==> flow/design.v <==
module alu_mult #(
    parameter int XLEN = 16
) (
    input logic CLK,
    input logic RST,
    input logic [XLEN-1:0] i_dataa,
    output logic [2*XLEN-1:0] o_m
);
    logic [XLEN-1:0] dataa_q;
    always_ff @(posedge CLK) begin
        if (RST) begin
            dataa_q <= 0;
            o_m <= 0;
        end else begin
            dataa_q <= i_dataa;
            o_m <= dataa_q * dataa_q;
        end
    end
endmodule
======== Step by step through the tools: alu_mult ========
The steps from the RTL of alu_mult to its reports follow in flow order.
Line numbers count from 1 in the design file above.
Library cell names are shortened.
A cell with -- has no value.
set-up
  design top .............................. alu_mult
  clock input ............................. CLK
  library ................................. sky130hd
  timing corner ........................... tt_025C_1v80

======== Word level ========
Counts by Yosys on the flattened word-level netlist (proc, flatten, opt, wreduce; memories kept). Register bits leave out memories and registers merged into their read ports (data or address); mux counts leave out enables and synchronous resets folded into registers. Print and check cells are left out. Cells with the same type and inputs are merged into one.
operators by class
  $add $sub $neg .......................... 0
  $mul .................................... 1
  div/mod/pow operators ................... 0
  $lt $le $gt $ge ......................... 0
  equal/unequal tests ..................... 0
  shift-type cells ........................ 0
  muxes and demuxes ....................... 0
  bitwise logic cells ..................... 0
  reduce/logical cells .................... 0
operators with widths
  cell                                            number
  16-bit by 16-bit multiplier with 32-bit output  1
storage and ports
  register bits after elaboration ......... 48
  bits in latches ......................... 0
  bits in writable memories ............... 0
  bits in read-only memories .............. 0
  word width x clocked read ports ......... 0
  memories ................................ 0
  bits of input ports ..................... 18
  output and inout port bits .............. 32
  cells after elaboration ................. 3

======== Depth ========
Yosys ltp: most cells in a row. Word level: on the elaborated netlist, between registers, memories and ports. Mapped: between sequential cells and ports; inverters and the memories' decode and read muxes count.
depth
  depth in word-level cells ............... 1
  ABC_AREA ................................ 0
  mapped depth ............................ 23
  mapped depth without buffers ............ 22

======== Synthesis result ========
The flow's flattened synthesis, as Yosys stat reports it; memories are mapped. The netlist is that of the ABC_AREA named above (0 if unset); the other value can give another one.
cells by type
  type      number  area in all (um2)
  fa_1      162     3243.11
  ha_1      102     1.28E+03
  inv_1     251     942.154
  dfxtp_1   47      940.902
  nand2_1   88      330.317
  and2_1    38      237.728
  nor2_1    54      202.694
  nor2b_1   28      175.168
  a21oi_1   31      155.149
  xnor2_1   16      140.134
  a21o_1    17      127.622
  xor2_1    14      122.618
  clkbuf_1  26      97.594
  nand4_1   10      62.56
  mux2_2    4       45.043
  o21ai_0   9       45.043
  a31oi_1   7       43.792
  a31o_2    4       35.034
Not listed: further types 31, cells in them 56.
synthesis totals
  mapped cells ............................ 964
  cell area after synthesis ............... 8662.1 um2
  flip-flops .............................. 47
  buffer cells ............................ 33

======== Timing after synthesis ========
OpenSTA on the mapped netlist: ideal clock, no wires. The path of least setup slack (recovery checks aside). Input and output delay are each 20% of the period. Register names are those of the netlist, which keeps one name where synthesis merged equal registers.
timing post-synthesis
  path kind ............................... register to register
  start point ............................. register dataa_q[4]
  end point ............................... register o_m[28]
  clock period ............................ 7.28 ns
  library setup time ...................... 0.123 ns
  launch time at the first pin ............ 0.000 ns
  arrival ................................. 5.697 ns
  path slack .............................. 1.460 ns
  delay of the path ....................... 5.820 ns
  stages on the path ...................... 22
  buffers on the path ..................... 3
  period reached after synthesis .......... 5.82 ns
"delay of the path" is the arrival time less input delay plus setup time.
"stages on the path": output pins that drive a net of the path, with the launching flip-flop's if there is one; two outputs of one cell count as two.
"period reached after synthesis" is the clock period less the worst setup slack; recovery checks do not enter. This is arithmetic on one report: input and output delays are still those of the set period (20% each).
Between the ends stands the longest chain of elaborated cells between them, by number of cells; it is not shown to be the way that was timed. Of several equally long chains one is given.
A line is the first line of the expression or statement that the cell stems from. Yosys adds cells for indexed reads and writes and turns some case tables into memories.
on the way, post-synthesis
  cells stage by stage .................... dfxtp_1 -> clkbuf_1 -> clkbuf_1 -> nand2_1 -> fa_1 -> inv_1 -> fa_1 -> fa_1 -> fa_1 -> fa_1 -> inv_1 -> fa_1 -> inv_1 -> ha_1 -> buf_4 -> a21o_1 -> a21boi_2 -> o21ai_1 -> a221oi_2 -> a21oi_1 -> o31ai_2 -> mux2_1
  length of the longest elaborated chain .. 1
RTL lines, path post-synthesis
  what                                            line  source
  start, declared                                 9     logic [XLEN-1:0] dataa_q;
  start, assigned                                 12    dataa_q <= 0;
  start, assigned                                 15    dataa_q <= i_dataa;
  16-bit by 16-bit multiplier with 32-bit output  16    o_m <= dataa_q * dataa_q;
  end, assigned                                   13    o_m <= 0;
  end, assigned                                   16
  end, declared                                   7     output logic [2*XLEN-1:0] o_m

======== Timing after layout ========
From the final timing report of run A: the path of least setup slack in the routed layout; clock arrival at registers is part of the times.
timing post-layout
  path kind ............................... register to register
  start point ............................. register dataa_q[12]
  end point ............................... register o_m[28]
  clock period ............................ 7.28 ns
  library setup time ...................... 0.11 ns
  launch time at the first pin ............ 0.29 ns
  arrival ................................. 6.66 ns
  path slack .............................. 0.80 ns
  stages on the path ...................... 21
  buffers on the path ..................... 0
Between the ends stands the longest chain of elaborated cells between them, by number of cells; it is not shown to be the way that was timed. Of several equally long chains one is given.
on the way, post-layout
  cells stage by stage .................... dfxtp_1 -> inv_1 -> nor2_1 -> ha_1 -> xor2_1 -> fa_1 -> inv_1 -> fa_1 -> fa_1 -> fa_1 -> inv_1 -> fa_1 -> inv_1 -> ha_1 -> nand2_1 -> nor2_1 -> nor4b_1 -> o21ai_1 -> a21oi_1 -> o31ai_2 -> mux2_1
  length of the longest elaborated chain .. 1
RTL lines, path post-layout
  what                                            line  source
  start, declared                                 9     logic [XLEN-1:0] dataa_q;
  start, assigned                                 12    dataa_q <= 0;
  start, assigned                                 15    dataa_q <= i_dataa;
  16-bit by 16-bit multiplier with 32-bit output  16    o_m <= dataa_q * dataa_q;
  end, assigned                                   13    o_m <= 0;
  end, assigned                                   16
  end, declared                                   7     output logic [2*XLEN-1:0] o_m

Record of 3 stored runs of the RTL-to-layout flow on alu_mult, platform sky130hd. The runs are unordered. Constraints: input delay and output delay 20% of the set period each, output load 0.01 pF.
"finish__power__total" is the tool's figure for a default switching activity; nothing was simulated.

Flow files of run A
==> flow/run.sh <==
#!/bin/bash
# the make line also repeats the synthesis and layout settings of config.mk as NAME=value (left out here)
make -C /OpenROAD-flow-scripts/flow DESIGN_CONFIG=/design/flow/config.mk WORK_HOME=/design/flow/orfs CLKGATE_MAP_FILE= finish
==> flow/config.mk <==
export PLATFORM = sky130hd
export DESIGN_NAME = alu_mult
export DESIGN_NICKNAME = alu_mult
export VERILOG_FILES = /design/flow/design.v
export SDC_FILE = /design/flow/constraint.sdc
export NUM_CORES = 4
export LEC_CHECK = 0
export CAP_MARGIN = 20
export CORE_MARGIN = 2
export CORE_UTILIZATION = 40
export SLEW_MARGIN = 20
==> flow/constraint.sdc <==
create_clock -name core_clock -period 7.28 [get_ports {CLK}]
set_input_delay 1.4560 -clock core_clock [delete_from_list [all_inputs] [get_ports {CLK}]]
set_output_delay 1.4560 -clock core_clock [all_outputs]
set_load 0.01 [all_outputs]

report of run A
yosys chip area after synthesis (um^2): 8662.1
finish__design__die__area: 22847.8
finish__design__instance__area__stdcell: 9507.9
finish__timing__setup__ws: 0.799
finish__timing__setup__tns: 0.000
finish__timing__hold__ws: 0.712
finish__power__total: 1.545e-03

Flow files of run B
==> flow/run.sh <==
#!/bin/bash
# the make line also repeats the synthesis and layout settings of config.mk as NAME=value (left out here)
make -C /OpenROAD-flow-scripts/flow DESIGN_CONFIG=/design/flow/config.mk WORK_HOME=/design/flow/orfs CLKGATE_MAP_FILE= finish
==> flow/config.mk <==
export PLATFORM = sky130hd
export DESIGN_NAME = alu_mult
export DESIGN_NICKNAME = alu_mult
export VERILOG_FILES = /design/flow/design.v
export SDC_FILE = /design/flow/constraint.sdc
export NUM_CORES = 4
export LEC_CHECK = 0
export CAP_MARGIN = 25
export CELL_PAD_IN_SITES_DETAIL_PLACEMENT = 2
export CORE_ASPECT_RATIO = 1.54
export CORE_MARGIN = 2
export CORE_UTILIZATION = 41
export CTS_CLUSTER_DIAMETER = 38
export PLACE_DENSITY_LB_ADDON = 0.25
export SETUP_SLACK_MARGIN = 0.97
export SLEW_MARGIN = 25
export TNS_END_PERCENT = 70
==> flow/constraint.sdc <==
create_clock -name core_clock -period 5.65 [get_ports {CLK}]
set_input_delay 1.1300 -clock core_clock [delete_from_list [all_inputs] [get_ports {CLK}]]
set_output_delay 1.1300 -clock core_clock [all_outputs]
set_load 0.01 [all_outputs]

report of run B: did not finish, route, GRT-0232

Flow files of run C
==> flow/run.sh <==
#!/bin/bash
# the make line also repeats the synthesis and layout settings of config.mk as NAME=value (left out here)
make -C /OpenROAD-flow-scripts/flow DESIGN_CONFIG=/design/flow/config.mk WORK_HOME=/design/flow/orfs CLKGATE_MAP_FILE= finish
==> flow/config.mk <==
export PLATFORM = sky130hd
export DESIGN_NAME = alu_mult
export DESIGN_NICKNAME = alu_mult
export VERILOG_FILES = /design/flow/design.v
export SDC_FILE = /design/flow/constraint.sdc
export NUM_CORES = 4
export LEC_CHECK = 0
export CAP_MARGIN = 40
export CELL_PAD_IN_SITES_DETAIL_PLACEMENT = 1
export CORE_MARGIN = 10
export CORE_UTILIZATION = 37
export CTS_CLUSTER_DIAMETER = 266
export CTS_CLUSTER_SIZE = 11
export GPL_TIMING_DRIVEN = 0
export MIN_ROUTING_LAYER = met1
export PLACE_DENSITY_LB_ADDON = 0.02
export SLEW_MARGIN = 20
==> flow/constraint.sdc <==
create_clock -name core_clock -period 7.39 [get_ports {CLK}]
set_input_delay 1.4780 -clock core_clock [delete_from_list [all_inputs] [get_ports {CLK}]]
set_output_delay 1.4780 -clock core_clock [all_outputs]
set_load 0.01 [all_outputs]

report of run C
yosys chip area after synthesis (um^2): 8662.1
finish__design__die__area: 29930.7
finish__design__instance__area__stdcell: 9714.3
finish__timing__setup__ws: 0.432
finish__timing__setup__tns: 0.000
finish__timing__hold__ws: 0.794
finish__power__total: 1.636e-03
